==> flow/design.v <==
module core_comparator_blk #(
  parameter NBITS = 28
) (
  input  logic clk,
  input  logic [NBITS-1:0] in_op_a,
  input  logic [NBITS-1:0] in_op_b,
  output logic out_a_eq_b
);
  logic [NBITS-1:0] op_a_ff;
  logic [NBITS-1:0] op_b_ff;
  always_ff @(posedge clk) begin
    op_a_ff <= in_op_a;
    op_b_ff <= in_op_b;
  end
  logic [NBITS-1:0] val;
  assign val = op_a_ff ^ op_b_ff;
  assign out_a_eq_b = ~|val;
endmodule
# Tool chain data of core_comparator_blk
# Tool output for the design above, in the order of the flow.
# Lines are those of the file above, counted from 1.
# Operators: Yosys type, input widths -> output width; for muxes data width and select width s.
# Not given: -
# design
top_module	core_comparator_blk
clock_port	clk
library	sky130hd
lib_corner	tt_025C_1v80

# Elaborated design
# Source: Yosys, flattened and elaborated, memories not mapped. Widths are those after wreduce; folded enables and synchronous resets count as part of the registers. Registers that Yosys merges into a memory's read port (data or address) are not register bits. Print and check cells do not count. Equal cells are merged and count once.
# bits
mem_bits_ro	0
clocked_rd_ports_x_width	0
ramBits	0
register_bits	56
input_bits	57
out_inout_bits	1
word_cells	5
latchBits	0
memories	0
# classes
muxes	0
div_mod_pow	0
n_cmp	0
logic	1
shifts	0
mul	0
n_eq	0
reduce_logical	2
add_sub_neg	0
# op_table
operator	n
$xor 28x28->28	1
$reduce_or 28->1	1
$logic_not 1->1	1

# Longest topological paths
# Longest topological path by Yosys (ltp), each cell counted once; first at word level (registers and memories cut), then after technology mapping (sequential cells cut; the memories' decode and read muxes count).
# depth
depth_word	3
ABC_AREA	0
ltp_mapped	4
ltp_nobuf	4

# Synthesis result
# Yosys stat after the flow's synthesis: flattened, memories mapped to cells. It holds for the ABC_AREA given above (unset counts as 0); a run with the other value may have another netlist.
# synth_totals
buffers	0
area_um2	1428.9
sequential_area_um2	1121.1
flip_flops	56
stdcells	93
# types
type	n	type_area_um2
sky130_fd_sc_hd__dfxtp_1	56	1.12E+03
sky130_fd_sc_hd__xor2_1	16	140.134
sky130_fd_sc_hd__xnor2_1	12	105.101
sky130_fd_sc_hd__nand4_1	4	25.024
sky130_fd_sc_hd__nor4_1	4	25.024
sky130_fd_sc_hd__nor4_2	1	12.512

# Worst setup path after synthesis
# Source: OpenSTA report_checks on the synthesized netlist (no wires, ideal clock, input and output delay 20% of the period each), path of least setup slack; recovery checks are left aside. Register names are those of the netlist, which keeps one name where synthesis merged equal registers.
# synth_path
path_kind	register to output
startpoint	reg op_b_ff[19]
endpoint	out out_a_eq_b
arrival_ps	1059
delay_ps	1059
out_delay_ps	330
stages	5
required_time_ps	1320
path_buffers	0
clock_period_ps	1650
t_first_pin_ps	0
slack_ps	261
period_less_setup_slack_ps	1389
# "delay_ps" = arrival - input delay + setup time.
# A path that ends at an output port has no setup time.
# "stages": output pins that drive a net of the path, with the launching flip-flop's if there is one; two outputs of one cell count as two.
# "period_less_setup_slack_ps" = period - worst setup slack (recovery checks aside). The figure is calculated, with input and output delays left at 20% of the set period.
# The rows between start and end are the longest chain of elaborated cells between them; the timing report does not say that the signal goes this way. Where chains are equally long, one stands for them.
# A line is the first line of the expression or statement that the cell stems from. Yosys adds cells for indexed reads and writes and turns some case tables into memories.
# synth_via
path_cell_list	sky130_fd_sc_hd__dfxtp_1 sky130_fd_sc_hd__xor2_1 sky130_fd_sc_hd__nor4_1 sky130_fd_sc_hd__nand4_1 sky130_fd_sc_hd__nor4_2
elab_chain_cells	3
cells_between	3
cone_lines	2
cone_classes	1 x logic; 2 x reduce/logical
# synth_lines
item	line	source
start, declared	10	logic [NBITS-1:0] op_b_ff;
start, assigned	13	op_b_ff <= in_op_b;
$xor 28x28->28	16	assign val = op_a_ff ^ op_b_ff;
$reduce_or 28->1	17	assign out_a_eq_b = ~|val;
$logic_not 1->1	17
end, declared	7	output logic out_a_eq_b

# Timing after layout
# From the final timing report of flow run 2: the path of least setup slack in the routed layout; clock arrival at registers is part of the times.
# The path's times are printed in steps of 10 ps; the period is the one set.
# layout_path
path_kind	register to output
startpoint	reg op_b_ff[4]
endpoint	out out_a_eq_b
path_buffers	1
clock_period_ps	1650
arrival_ps	1650
required_time_ps	1320
t_first_pin_ps	370
stages	6
slack_ps	-330
out_delay_ps	330
# The rows between start and end are the longest chain of elaborated cells between them; the timing report does not say that the signal goes this way. Where chains are equally long, one stands for them.
# layout_via
path_cell_list	sky130_fd_sc_hd__dfxtp_1 sky130_fd_sc_hd__xor2_1 sky130_fd_sc_hd__nor4_2 sky130_fd_sc_hd__nand4_1 sky130_fd_sc_hd__nor4_2 sky130_fd_sc_hd__buf_2
elab_chain_cells	3
cells_between	3
cone_lines	2
cone_classes	1 x logic; 2 x reduce/logical
# layout_lines
item	line	source
start, declared	10	logic [NBITS-1:0] op_b_ff;
start, assigned	13	op_b_ff <= in_op_b;
$xor 28x28->28	16	assign val = op_a_ff ^ op_b_ff;
$reduce_or 28->1	17	assign out_a_eq_b = ~|val;
$logic_not 1->1	17
end, declared	7	output logic out_a_eq_b

# Stored flow runs of core_comparator_blk (3 of them; Yosys, OpenROAD, sky130hd). They differ in their settings and are not a sequence. Constraints: input delay and output delay 20% of the set period each, output load 0.01 pF.
# "clock_period_reached_ps" is the run's clock period less its worst setup slack. It is reckoned from that one timing run; input and output delays stay at 20% of the period that was set.
# By "critical_path_time_ps" is meant the share of the clock period that the worst setup path is allowed (20% is reserved at inputs, 20% at outputs), minus its slack. Clock arrival times at its registers enter into it.
# "design_power_w": no workload was simulated; the value follows from the tool's default switching activity.
# "critical_path_time_ps" is known to 10 ps.
# A setting shown as n/a is not set for that run.
# Among the results, n/a means that no value is shown for the run.
run name	period_ns	CORE_UTILIZATION	SETUP_SLACK_MARGIN	PLACE_DENSITY_LB_ADDON	CORE_ASPECT_RATIO	CORE_MARGIN	TNS_END_PERCENT	CAP_MARGIN	MAX_ROUTING_LAYER	SLEW_MARGIN	CELL_PAD_IN_SITES_GLOBAL_PLACEMENT	CELL_PAD_IN_SITES_DETAIL_PLACEMENT	ABC_AREA	CTS_CLUSTER_SIZE	MIN_ROUTING_LAYER	ys_area_um2	design_die_area_um2	post_route_stdcell_area_um2	post_route_util_pct	setup_ws_ps	final_setup_tns_ps	hold_ws_ps	design_power_w	clock_period_reached_ps	critical_path_time_ps	worst_path_kind
flow run 1	2.14	71	0.31	0.21	0.54	2	25	0	met4	20	n/a	n/a	n/a	n/a	n/a	n/a	n/a	n/a	n/a	n/a	n/a	n/a	n/a	n/a	n/a	n/a
flow run 2	1.65	40	n/a	n/a	n/a	2	n/a	20	n/a	20	n/a	n/a	n/a	n/a	n/a	1428.9	4066.0	2153.3	63.5	-332	-332	383	0.002351	1982	1650	register to output
flow run 3	1.51	25	n/a	0.01	n/a	2	n/a	20	met5	20	1	2	1	92	met1	1656.6	7293.2	2434.8	38.1	-146	-146	419	0.002676	1656	1350	register to output
# Flow run 1: incomplete, placement halted on FLW-0024
